==> flow/design.v <==
module alu_reg_file_p #(
  parameter int WORDS = 10,
  parameter int DATA_WIDTH = 4,
  parameter int RP = 2,
  parameter int NUM_WR = 5,
  parameter int ADDR_WIDTH = $clog2(WORDS)
) (
  input logic sys_clk,
  input logic aresetn,
  input logic [NUM_WR-1:0] wen_in,
  input logic [NUM_WR*ADDR_WIDTH-1:0] wsel_in,
  input logic [NUM_WR*DATA_WIDTH-1:0] wr_data_in,
  input logic [RP*ADDR_WIDTH-1:0] raddr_in,
  output logic [RP*DATA_WIDTH-1:0] read_data_out
);
  logic [NUM_WR-1:0] r_wen;
  logic [NUM_WR*ADDR_WIDTH-1:0] r_wsel;
  logic [NUM_WR*DATA_WIDTH-1:0] r_wr_data;
  always_ff @(posedge sys_clk or negedge aresetn) begin
    if (!aresetn) begin
      r_wen <= 0;
      r_wsel <= 0;
      r_wr_data <= 0;
    end else begin
      r_wen <= wen_in;
      r_wsel <= wsel_in;
      r_wr_data <= wr_data_in;
    end
  end
  logic [DATA_WIDTH-1:0] rf [0:WORDS-1];
  always_ff @(posedge sys_clk) begin
    for (int idx = 0; idx < NUM_WR; idx++)
      if (r_wen[idx]) rf[r_wsel[idx*ADDR_WIDTH +: ADDR_WIDTH]] <= r_wr_data[idx*DATA_WIDTH +: DATA_WIDTH];
  end
  logic [RP*ADDR_WIDTH-1:0] r_raddr;
  always_ff @(posedge sys_clk or negedge aresetn) begin
    if (!aresetn) begin
      r_raddr <= 0;
    end else begin
      r_raddr <= raddr_in;
    end
  end
  logic [RP*DATA_WIDTH-1:0] work;
  generate
    for (genvar jj = 0; jj < RP; jj++) begin : row
      assign work[jj*DATA_WIDTH +: DATA_WIDTH] = rf[r_raddr[jj*ADDR_WIDTH +: ADDR_WIDTH]];
    end
  endgenerate
  always_ff @(posedge sys_clk or negedge aresetn) begin
    if (!aresetn) begin
      read_data_out <= 0;
    end else begin
      read_data_out <= work;
    end
  end
endmodule
==> Tool chain data of alu_reg_file_p <==
What the tools print for alu_reg_file_p, step after step.
Lines are those of the file above, counted from 1.
Operators: Yosys type, input widths -> output width; for muxes data width and select width s.
Library cell names are shortened.
{ "setup": {"top": "alu_reg_file_p", "clock": "sys_clk", "lib": "sky130hd", "pvt_corner": "tt_025C_1v80"} }

==> Elaborated design <==
Yosys after proc, flatten, opt, wreduce and memory -nomap, before mapping. Enables and synchronous resets that opt folds into registers are not counted as muxes. Memory bits, and registers merged into a memory's read port (data or address), are not among the register bits. Print and check cells are not counted.
Memory sizes are those after Yosys's memory passes, which may raise the word count (mostly to a power of two), join words into wider ones and drop unused or constant bits.
{ "bits": {"clocked_rd_ports_x_width": 8, "register_bits": 53, "mem_count": 1, "output_inout_bits": 8, "input_bits": 55, "elab_cells": 22, "mem_bits_rw": 40} }
{ "op_classes": {"reduce_logical": 2, "muxes": 15} }
{ "mem_list": {"columns": ["name", "words", "word_bits", "read_ports", "write_ports", "line_no", "text"], "rows": [
  ["rf", 10, 4, 2, 5, 30, "logic [DATA_WIDTH-1:0] rf [0:WORDS-1];"]
]} }
{ "op_table": {"columns": ["operator", "count"], "rows": [
  ["$mux 4", 10],
  ["$mux 1", 5],
  ["$logic_not 1->1", 2]
]} }

==> Longest topological paths <==
Yosys ltp: most cells in a row. Word level: on the elaborated netlist, between registers, memories and ports. Mapped: between sequential cells and ports; inverters and the memories' decode and read muxes count.
{ "logic_depth": {"word_depth": 1, "ABC_AREA": 0, "ltp_mapped": 5, "ltp_nobuf": 4} }

==> Synthesis result <==
Source: synth_stat.txt of the flow (Yosys; design flattened, memories mapped). It holds for the ABC_AREA given above (unset counts as 0); a run with the other value may have another netlist.
Totals and module areas in this step are rounded.
{ "by_type": {"columns": ["cell_type", "count", "area_total_um2"], "rows": [
  ["dfrtp_1", 61, 1.53E+03],
  ["edfxtp_1", 40, 1.2E+03],
  ["a211oi_1", 52, 390.374],
  ["mux4_2", 13, 292.781],
  ["a22oi_1", 38, 285.274],
  ["o31ai_1", 37, 277.766],
  ["and3_1", 42, 262.752],
  ["nor2_1", 39, 146.39],
  ["mux2i_1", 9, 90.086],
  ["nor2b_1", 14, 87.584],
  ["mux4_1", 3, 78.826],
  ["a21oi_1", 14, 70.067],
  ["and3b_1", 8, 70.067],
  ["and2_1", 11, 68.816],
  ["nand2_1", 18, 67.565],
  ["clkbuf_1", 16, 60.058],
  ["nand3b_1", 8, 60.058],
  ["o21bai_1", 6, 45.043]
]} }
Other cell types: 30; their cells: 66.
{ "synth_totals": {"n_buf": 34, "area_um2": 5600, "mapped_cells": 495, "ffs": 101, "sequential_area_um2": 2730} }

==> Worst setup path after synthesis <==
Path of least setup slack by OpenSTA after synthesis, without wires, with an ideal clock, recovery checks aside; 20% of the period is set as input and as output delay. Where synthesis merged equal registers, the netlist keeps one of their names.
{ "synth_path": {"path_kind": "register -> register", "startpoint": "register r_wsel[18]", "endpoint": "memory rf[3][0]", "required_ns": 1.874, "n_path_buf": 0, "setup_ns": 0.316, "arrival_ns": 1.432, "slack_ns": 0.441, "delay_ns": 1.748, "stages": 5, "t_first_pin_ns": 0.000, "period_ns": 2.19, "period_less_setup_slack_ns": 1.749} }
"delay_ns" = arrival - input delay + setup time.
"stages" counts driving pins, that of a launching flip-flop among them; a cell with two outputs on the path counts twice.
"period_less_setup_slack_ns" is the clock period less the worst setup slack; recovery checks do not enter. This is arithmetic on one report: input and output delays are still those of the set period (20% each).
The rows between start and end are the longest chain of elaborated cells between them; the timing report does not say that the signal goes this way. Where chains are equally long, one stands for them.
Each line given opens the expression or statement behind the cell; cells for indexed reads and writes are added by Yosys, which also makes memories of some case tables.
{ "synth_via": {"cell_sequence": "dfrtp_1 -> nor3b_4 -> and3_1 -> o21bai_1 -> nand4b_1", "elab_chain_len": 1, "cells_between": 1, "cone_lines": 1, "classes_between": "mux (1)"} }
{ "synth_lines": {"columns": ["item", "line_no", "text"], "rows": [
  ["start, declared", 17, "logic [NUM_WR*ADDR_WIDTH-1:0] r_wsel;"],
  ["start, assigned", 22, "r_wsel <= 0;"],
  ["start, assigned", 26, "r_wsel <= wsel_in;"],
  ["$mux 4", 33, "if (r_wen[idx]) rf[r_wsel[idx*ADDR_WIDTH +: ADDR_WIDTH]] <= r_wr_data[idx*DATA_WIDTH +: DATA_WIDTH];"],
  ["end, declared", 30, "logic [DATA_WIDTH-1:0] rf [0:WORDS-1];"]
]} }

==> Path in the finished layout <==
From the final timing report of stored run 1: the path of least setup slack in the routed layout; clock arrival at registers is part of the times.
{ "layout_path": {"path_kind": "register -> register", "startpoint": "register r_wsel[7]", "endpoint": "memory rf[1][0]", "period_ns": 1.91, "setup_ns": 0.27, "slack_ns": -0.01, "arrival_ns": 2.01, "required_ns": 1.99, "stages": 6, "n_path_buf": 1, "t_first_pin_ns": 0.35} }
The rows between start and end are the longest chain of elaborated cells between them; the timing report does not say that the signal goes this way. Where chains are equally long, one stands for them.
{ "layout_via": {"cell_sequence": "dfrtp_1 -> nor3b_2 -> buf_4 -> nand2_1 -> a211oi_1 -> o31ai_1", "elab_chain_len": 1, "cells_between": 1, "cone_lines": 1, "classes_between": "mux (1)"} }
{ "layout_lines": {"columns": ["item", "line_no", "text"], "rows": [
  ["start, declared", 17, "logic [NUM_WR*ADDR_WIDTH-1:0] r_wsel;"],
  ["start, assigned", 22, "r_wsel <= 0;"],
  ["start, assigned", 26, "r_wsel <= wsel_in;"],
  ["$mux 4", 33, "if (r_wen[idx]) rf[r_wsel[idx*ADDR_WIDTH +: ADDR_WIDTH]] <= r_wr_data[idx*DATA_WIDTH +: DATA_WIDTH];"],
  ["end, declared", 30, "logic [DATA_WIDTH-1:0] rf [0:WORDS-1];"]
]} }

Design alu_reg_file_p on sky130hd. What follows are 3 stored runs of the flow, each under its own settings; their order means nothing. The constraints put input and output delay at 20% of the set period each and load the outputs with 0.01 pF.
"period achieved": clock period set for the run, less the worst setup slack. It is reckoned from that one timing run; input and output delays stay at 20% of the period that was set.
By "time used up by the worst setup path" is meant the share of the clock period that the worst setup path is allowed (20% is reserved at inputs, 20% at outputs), minus its slack. Clock arrival times at its registers enter into it.
"power consumption": no workload was simulated; the value follows from the tool's default switching activity.
Results are given in rounded form.

==> stored run 1: settings <==
{ "period_ns": 1.91, "CORE_UTILIZATION": 68, "SETUP_SLACK_MARGIN": 0.54, "PLACE_DENSITY_LB_ADDON": 0.26, "CORE_ASPECT_RATIO": 0.71, "CORE_MARGIN": 4, "CELL_PAD_IN_SITES_DETAIL_PLACEMENT": 0, "TNS_END_PERCENT": 5, "ABC_AREA": 0, "CTS_CLUSTER_SIZE": 64, "SLEW_MARGIN": 0, "MIN_ROUTING_LAYER": "met1", "MAX_ROUTING_LAYER": "met5", "CAP_MARGIN": 20 }
==> stored run 1: results <==
total negative slack on setup checks: -0.025 ns
time used up by the worst setup path: 1.92 ns
class of the worst setup path: register -> register
power consumption: 5.41 mW
period achieved: 1.924 ns
area of the standard cells in the finished layout: 7110 µm²
worst slack on setup checks: -0.014 ns
utilization after layout: 90.3%
chip area after synthesis (Yosys): 5600 µm²
area of the die: 9770 µm²

==> stored run 2: settings <==
{ "period_ns": 2.19, "CAP_MARGIN": 20, "CORE_MARGIN": 2, "CORE_UTILIZATION": 40, "SLEW_MARGIN": 20 }
==> stored run 2: results <==
total negative slack on setup checks: 0.000 ns
time used up by the worst setup path: 2.13 ns
class of the worst setup path: register -> register
power consumption: 4.46 mW
period achieved: 2.132 ns
area of the standard cells in the finished layout: 6710 µm²
worst slack on setup checks: 0.058 ns
utilization after layout: 48.7%
chip area after synthesis (Yosys): 5600 µm²
area of the die: 15000 µm²

==> stored run 3: settings <==
{ "period_ns": 3.22, "CORE_UTILIZATION": 65, "SETUP_SLACK_MARGIN": 0.39, "CORE_ASPECT_RATIO": 1.19, "CELL_PAD_IN_SITES_GLOBAL_PLACEMENT": 0, "CELL_PAD_IN_SITES_DETAIL_PLACEMENT": 1, "GPL_ROUTABILITY_DRIVEN": 1, "CTS_CLUSTER_SIZE": 10, "CTS_CLUSTER_DIAMETER": 183, "SLEW_MARGIN": 40, "CAP_MARGIN": 20, "CORE_MARGIN": 2 }
==> stored run 3: results <==
incomplete, clock tree synthesis halted on DPL-0033
